==> flow/design.v <==
module sync_mul_unit_n #(
    parameter integer DATA_W = 22
) (
    input wire core_clk,
    input wire adv,
    input wire [DATA_W-1:0] lhs,
    input wire [DATA_W-1:0] rhs,
    output wire [2*DATA_W-1:0] q
);
    reg [DATA_W-1:0] lhs_d1;
    always @(posedge core_clk) begin
        if (adv) begin
            lhs_d1 <= lhs;
        end
    end
    reg [DATA_W-1:0] rhs_d1;
    always @(posedge core_clk) begin
        if (adv) begin
            rhs_d1 <= rhs;
        end
    end
    assign q = lhs_d1 * rhs_d1;
endmodule
# == Tool chain data of sync_mul_unit_n ==
# Tool output for the design above, in the order of the flow.
# Lines are those of the file above, counted from 1.
# Operators carry their Yosys type and port widths (W data, S select, Z words).
# Library cell names are shortened.
# Not given: n/a
# setup
design,sync_mul_unit_n
clk_port,core_clk
library,sky130hd
corner,tt_025C_1v80

# == After elaboration ==
# Counts by Yosys on the flattened word-level netlist (proc, flatten, opt, wreduce; memories kept). Register bits leave out memories and registers merged into their read ports (data or address); mux counts leave out enables and synchronous resets folded into registers. Print and check cells are left out. Cells with the same type and inputs are merged into one.
# bits
regBits,44
latchBits,0
ram_bits,0
romBits,0
clocked_rd_ports_x_width,0
mem_count,0
in_bits,46
output_inout_bits,44
elab_cells,3
# op_classes
n_addsub,0
multipliers,1
n_div,0
cmp,0
n_eq,0
n_shift,0
muxes,0
n_logic,0
reduce_and_logical,0
# ops
op,n
$mul A22 B22 Y44,1

# == Depth ==
# Depth = most cells in a row (Yosys ltp): at word level without a register or memory, in the mapped netlist without a sequential cell, where the memories' decode and read muxes count.
# logic_depth
ltp_word,1
ABC_AREA,0
depth_mapped,25
mapped_depth_nobuf,23

# == Synthesis result ==
# The flow's flattened synthesis, as Yosys stat reports it; memories are mapped. The netlist is that of the ABC_AREA named above (0 if unset); the other value can give another one.
# mapped
cell_count,1806
mapped_area_mm2,0.0169825
seqArea_mm2,0.0013213
flip_flops,44
n_buf,99
# types
cell,n,area_total_um2
fa_1,397,7.95E+03
ha_1,159,1.99E+03
and2_1,229,1.43E+03
inv_1,374,1.4E+03
edfxtp_1,44,1.32E+03
nand2_1,281,1.05E+03
clkbuf_1,99,371.606
xnor2_1,29,253.994
a21o_1,27,202.694
a21oi_1,38,190.182
xor2_1,11,96.342
o21ai_0,18,90.086
nor2_1,22,82.579
a31oi_1,9,56.304
nand4_1,7,43.792
nand3_1,7,35.034
o21a_1,4,30.029
o21bai_1,4,30.029
# Other cell types: 26; their cells: 47.

# == Path before layout ==
# Source: OpenSTA report_checks on the synthesized netlist (no wires, ideal clock, input and output delay 20% of the period each), path of least setup slack; recovery checks are left aside. Register names are those of the netlist, which keeps one name where synthesis merged equal registers.
# synth_path
path_kind,register -> output
from,register lhs_d1[13]
to,output port q[41]
period_ns,10.5
output_delay_ns,2.100
launch_ns,0.000
t_arrival_ns,6.716
required_ns,8.400
setup_slack_ns,1.684
delay_ns,6.716
driving_pins,25
path_buffers,2
period_less_setup_slack_ns,8.816
# "delay_ns" = arrival - input delay + setup time.
# At an output port there is no setup time.
# "driving_pins": output pins that drive a net of the path, with the launching flip-flop's if there is one; two outputs of one cell count as two.
# "period_less_setup_slack_ns" = period - worst setup slack (recovery checks aside). The figure is calculated, with input and output delays left at 20% of the set period.
# The rows between start and end are the longest chain of elaborated cells between them; the timing report does not say that the signal goes this way. Where chains are equally long, one stands for them.
# A line is the first line of the expression or statement that the cell stems from. Yosys adds cells for indexed reads and writes and turns some case tables into memories.
# synth_via
cell_sequence,edfxtp_1 > clkbuf_1 > and2_1 > fa_1 > inv_1 > fa_1 > inv_1 > fa_1 > inv_1 > fa_1 > fa_1 > fa_1 > fa_1 > inv_1 > ha_1 > clkbuf_1 > a21o_1 > a211oi_1 > or3_1 > a31oi_1 > o31a_1 > a311o_2 > a311o_1 > a21oi_2 > xnor2_1
elab_chain_cells,1
cone_cells,1
lines_between,1
cone_classes,1 x mul
# synth_lines
element,line_no,source
start: declaration,10,reg [DATA_W-1:0] lhs_d1;
start: assignment,13,lhs_d1 <= lhs;
$mul A22 B22 Y44,22,assign q = lhs_d1 * rhs_d1;
end: declaration,8,output wire [2*DATA_W-1:0] q

# == Timing after layout ==
# Path of least setup slack in the final report of stored run 1 (OpenROAD, finished layout, wires in). Where an end is a register, its clock arrival counts in the times.
# layout_path
path_kind,register -> output
from,register lhs_d1[17]
to,output port q[39]
period_ns,10.1
output_delay_ns,2.02
launch_ns,0.32
t_arrival_ns,7.95
required_ns,8.08
setup_slack_ns,0.13
driving_pins,20
path_buffers,2
# The rows between start and end are the longest chain of elaborated cells between them; the timing report does not say that the signal goes this way. Where chains are equally long, one stands for them.
# layout_via
cell_sequence,edfxtp_1 > buf_4 > nand2_1 > fa_1 > fa_1 > fa_1 > inv_1 > fa_1 > fa_1 > fa_1 > fa_1 > ha_1 > nand4_1 > a2111oi_2 > o311a_1 > o31a_1 > a311o_2 > a311oi_1 > a311oi_1 > clkdlybuf4s50_1
elab_chain_cells,1
cone_cells,1
lines_between,1
cone_classes,1 x mul
# layout_lines
element,line_no,source
start: declaration,10,reg [DATA_W-1:0] lhs_d1;
start: assignment,13,lhs_d1 <= lhs;
$mul A22 B22 Y44,22,assign q = lhs_d1 * rhs_d1;
end: declaration,8,output wire [2*DATA_W-1:0] q

# Flow measurements of sync_mul_unit_n on sky130hd: 2 stored runs with different settings, listed in no order. Input and output delays are each 20% of the period that was set; the output load is 0.01 pF.
# "achievedPeriod_ns" means the clock period less the worst setup slack. The figure is calculated, with input and output delays left at 20% of the set period.
# "timing.worst_path_ns" is the time allowed to the run's worst setup path (the clock period less input and output delay, where it has them) less its slack. Clock arrival times count: a late capture clock shortens it, a late launch clock lengthens it.
# Among the settings, - means not set for that run.
stored run,period_ns,CORE_UTILIZATION,PLACE_DENSITY,HOLD_SLACK_MARGIN,CORE_ASPECT_RATIO,CELL_PAD_IN_SITES_DETAIL_PLACEMENT,GPL_TIMING_DRIVEN,CTS_CLUSTER_SIZE,MIN_ROUTING_LAYER,CAP_MARGIN,CORE_MARGIN,SLEW_MARGIN,synthesis_area_mm2,timing.worst_path_ns,worst_setup_path_type,final_hold_ws_ns,setup_tns_ns,final_stdcell_area_mm2,total_die_area_mm2,final_util_pct,ws_setup_ns,achievedPeriod_ns
stored run 1,10.1,45,0.9,0.29,0.57,0,1,59,met1,20,2,20,0.0169825,7.95,register -> output,2.248,0.000,0.0192034,0.0393703,51.9,0.134,9.966
stored run 2,10.5,40,-,-,-,-,-,-,-,20,2,20,0.0169825,8.10,register -> output,2.344,0.000,0.0189845,0.044121,45.3,0.303,10.197
